==> flow/design.v <==
module my_shifter #(
  parameter DATA_WIDTH = 12,
  parameter LOGN = $clog2(DATA_WIDTH)
) (
  input  wire clk,
  input  wire i_rst_n,
  input  wire enable,
  input  wire [DATA_WIDTH-1:0] bus,
  input  wire [LOGN-1:0] n,
  input  wire [1:0] fn,
  output reg [DATA_WIDTH-1:0] data_out
);
  reg [DATA_WIDTH-1:0] bus_d1;
  reg [LOGN-1:0] n_d1;
  reg [1:0] fn_d1;
  always @(posedge clk or negedge i_rst_n) begin
    if (~i_rst_n) begin
      bus_d1 <= 0;
      n_d1 <= 0;
      fn_d1 <= 0;
    end else if (enable) begin
      bus_d1 <= bus;
      n_d1 <= n;
      fn_d1 <= fn;
    end
  end
  reg [DATA_WIDTH-1:0] tmp;
  always @(*) begin
    case (fn_d1)
      2'b00: tmp = bus_d1 << n_d1;
      2'b01: tmp = bus_d1 >> n_d1;
      2'b10: tmp = $signed(bus_d1) >>> n_d1;
      default: tmp = bus_d1;
    endcase
  end
  always @(posedge clk or negedge i_rst_n) begin
    if (~i_rst_n) begin
      data_out <= 0;
    end else if (enable) begin
      data_out <= tmp;
    end
  end
endmodule
Lab notebook: my_shifter

**From RTL to reports: my_shifter**

Module my_shifter in several versions that differ in "DATA_WIDTH"; each step lists the members.
The file above is the member DATA_WIDTH=12. Line numbers count from 1 in each member's own file.
Operators carry their Yosys type and port widths (W data, S select, Z words).
Library cell names are shortened.
Not given: n/a

- Top module: my_shifter
- Clock: clk
- Library: sky130hd
- Library corner: tt_025C_1v80

**Members of the sweep**

Lines of each other member's file that are new or changed against the file above; lines that a member lacks are not shown.

New or changed lines:

| DATA_WIDTH | RTL line | text |
|---|---|---|
| 28 | 2 | `parameter DATA_WIDTH = 28,` |
| 32 | 2 | `parameter DATA_WIDTH = 32,` |

**Word level**

Source: Yosys, flattened and elaborated, memories not mapped. Widths are those after wreduce; folded enables and synchronous resets count as part of the registers. Registers that Yosys merges into a memory's read port (data or address) are not register bits. Print and check cells do not count. Equal cells are merged and count once.

Bit counts:

| DATA_WIDTH | register bits after elaboration | input bits | output and inout bits | word-level cells |
|---|---|---|---|---|
| 12 | 30 | 21 | 12 | 11 |
| 28 | 63 | 38 | 28 | 11 |
| 32 | 71 | 42 | 32 | 11 |

Cells by class:

| DATA_WIDTH | eq/ne operators | shift operators | multiplexer cells | reduce/logical cells |
|---|---|---|---|---|
| 12 | 2 | 3 | 1 | 1 |
| 28 | 2 | 3 | 1 | 1 |
| 32 | 2 | 3 | 1 | 1 |

Operators with widths:

| DATA_WIDTH | kinds with counts |
|---|---|
| 12 | $pmux W12 S3: 1; $shl A12 B4 Y12: 1; $shr A12 B4 Y12: 1; $sshr A12 B4 Y12: 1; $eq A2 B1 Y1 const B: 1; $eq A2 B2 Y1 const B: 1; $logic_not A2 Y1: 1 |
| 28 | $pmux W28 S3: 1; $shl A28 B5 Y28: 1; $shr A28 B5 Y28: 1; $sshr A28 B5 Y28: 1; $eq A2 B1 Y1 const B: 1; $eq A2 B2 Y1 const B: 1; $logic_not A2 Y1: 1 |
| 32 | $pmux W32 S3: 1; $shl A32 B5 Y32: 1; $shr A32 B5 Y32: 1; $sshr A32 B5 Y32: 1; $eq A2 B1 Y1 const B: 1; $eq A2 B2 Y1 const B: 1; $logic_not A2 Y1: 1 |

**Logic depth**

Yosys ltp: most cells in a row. Word level: on the elaborated netlist, between registers, memories and ports. Mapped: between sequential cells and ports; inverters and the memories' decode and read muxes count.

Depth:

| DATA_WIDTH | word-level depth | ABC_AREA | gate-level depth with buffers | mapped depth without buffers |
|---|---|---|---|---|
| 12 | 2 | 0 | 8 | 5 |
| 28 | 2 | 0 | 10 | 6 |
| 32 | 2 | 0 | 9 | 5 |

**After synthesis**

The flow's flattened synthesis, as Yosys stat reports it; memories are mapped. The netlist is that of the ABC_AREA named above (0 if unset); the other value can give another one.
The area totals of this step are shown rounded.

Cells by type:

| DATA_WIDTH | type and count |
|---|---|
| 12 | dfrtp_1: 30; mux4_1: 8; mux2_2: 17; mux4_2: 8; mux2i_1: 14; nand2_1: 19; nor2_1: 19; o21ai_0: 14; nand3_1: 13; nand2b_1: 10; a21oi_1: 10; clkbuf_1: 12; buf_12: 2; o22ai_1: 6; a31oi_1: 5; buf_2: 6; a211oi_1: 3; buf_4: 3; (+53) |
| 28 | dfrtp_1: 63; mux2i_1: 59; mux4_2: 26; mux2_2: 47; nor2_1: 101; nand2_1: 73; o21ai_0: 48; mux4_1: 8; a21oi_1: 40; clkbuf_1: 39; a31oi_1: 19; buf_6: 10; o211ai_1: 15; clkbuf_8: 8; a211oi_1: 14; o221ai_1: 7; buf_2: 11; a211o_1: 6; (+142) |
| 32 | dfrtp_1: 71; mux4_2: 72; mux2_2: 56; mux2i_1: 36; nor2_1: 89; clkbuf_1: 64; mux4_1: 9; nand2_1: 59; o21ai_0: 37; a21oi_1: 35; a31oi_1: 24; buf_6: 8; nor3_1: 18; nand2b_1: 14; buf_2: 17; o31ai_1: 10; nor2b_1: 11; a211oi_1: 9; (+158) |

A list marked (+n) leaves out that many cells.

Mapped netlist:

| DATA_WIDTH | cell count | synthesis area (µm²) | area of sequential cells (µm²) | flip-flop cells | buffers |
|---|---|---|---|---|---|
| 12 | 252 | 2,499 | 750.7 | 30 | 27 |
| 28 | 736 | 6,529 | 1,577 | 63 | 81 |
| 32 | 797 | 7,729 | 1,777 | 71 | 107 |

**Timing after synthesis**

Source: OpenSTA report_checks on the synthesized netlist (no wires, ideal clock, input and output delay 20% of the period each), path of least setup slack; recovery checks are left aside. Register names are those of the netlist, which keeps one name where synthesis merged equal registers.

Path after synthesis:

| DATA_WIDTH | path kind | start point | end point | clock period (ns) | slack (ns) | driving pins on the path | path delay (ns) | period reached after synthesis (ns) |
|---|---|---|---|---|---|---|---|---|
| 12 | register to register | register bus_d1[8] | register data_out[0] | 2.11 | 0.424 | 7 | 1.685 | 1.686 |
| 28 | register to register | register n_d1[1] | register data_out[4] | 2.39 | 0.479 | 8 | 1.911 | 1.911 |
| 32 | register to register | register n_d1[0] | register data_out[15] | 2.59 | 0.515 | 7 | 2.075 | 2.075 |

"path delay" = arrival - input delay + setup time.
"driving pins on the path": output pins that drive a net of the path, with the launching flip-flop's if there is one; two outputs of one cell count as two.
"period reached after synthesis" is the clock period less the worst setup slack; recovery checks do not enter. This is arithmetic on one report: input and output delays are still those of the set period (20% each).
Between the ends stands the longest chain of elaborated cells between them, by number of cells; it is not shown to be the way that was timed. Of several equally long chains one is given.
Each line given opens the expression or statement behind the cell; cells for indexed reads and writes are added by Yosys, which also makes memories of some case tables.

RTL lines, path after synthesis, DATA_WIDTH=12:

| what | RTL line | text |
|---|---|---|
| start, declared | 13 | `reg [DATA_WIDTH-1:0] bus_d1;` |
| start, assigned | 18 | `bus_d1 <= 0;` |
| start, assigned | 22 | `bus_d1 <= bus;` |
| end, assigned | 38 | `data_out <= 0;` |
| end, assigned | 40 | `data_out <= tmp;` |
| end, declared | 11 | `output reg [DATA_WIDTH-1:0] data_out` |

DATA_WIDTH=12: Chain of elaborated cells between the ends: none given.

Between the ends, after synthesis, DATA_WIDTH=32:
- Cells in the longest elaborated chain: 2

RTL lines, path after synthesis, DATA_WIDTH=32:

| what | RTL line | text |
|---|---|---|
| start, declared | 14 | `reg [LOGN-1:0] n_d1;` |
| start, assigned | 19 | `n_d1 <= 0;` |
| start, assigned | 23 | `n_d1 <= n;` |
| $sshr A32 B5 Y32 | 32 | `2'b10: tmp = $signed(bus_d1) >>> n_d1;` |
| $pmux W32 S3 | 29 | `case (fn_d1)` |
| end, assigned | 38 | `data_out <= 0;` |
| end, assigned | 40 | `data_out <= tmp;` |
| end, declared | 11 | `output reg [DATA_WIDTH-1:0] data_out` |

**Worst path after layout**

Path of least setup slack in the final report of each member's run (OpenROAD, finished layout, wires in). Where an end is a register, its clock arrival counts in the times.

Path post-layout:

| DATA_WIDTH | path kind | start point | end point | clock period (ns) | slack (ns) | driving pins on the path | arrival (ns) | path buffers |
|---|---|---|---|---|---|---|---|---|
| 12 | register to register | register n_d1[0] | register data_out[0] | 2.11 | 0.13 | 7 | 2.15 | 1 |
| 28 | register to register | register n_d1[0] | register data_out[27] | 2.39 | 0.04 | 10 | 2.62 | 3 |
| 32 | register to register | register n_d1[0] | register data_out[29] | 2.59 | 0.12 | 7 | 2.70 | 2 |

**Flow runs**

Settings and results of one run of the flow (Yosys, OpenROAD) for each member follow. The constraints put input and output delay at 20% of the set period each and load the outputs with 0.01 pF.

- CAP_MARGIN: 20
- CORE_MARGIN: 2
- CORE_UTILIZATION: 40
- SLEW_MARGIN: 20

Settings by member:

| DATA_WIDTH | period_ns |
|---|---|
| 12 | 2.11 |
| 28 | 2.39 |
| 32 | 2.59 |

Results:

| DATA_WIDTH | chip area after synthesis (Yosys) (µm²) | overall die area (µm²) | area of the standard cells in the finished layout (µm²) | utilization after layout (%) | setup slack of the worst path (ns) | total power after layout (uW) |
|---|---|---|---|---|---|---|
| 12 | 2,499 | 6,895 | 3,020 | 50.4 | 0.125 | 2,144 |
| 28 | 6,529 | 17,360 | 8,351 | 52.4 | 0.039 | 5,443 |
| 32 | 7,729 | 20,450 | 9,517 | 50.5 | 0.123 | 5,837 |

"total power after layout" rests on the timing tool's default activity at the inputs, not on a simulated workload.
Values from the reports are rounded here.
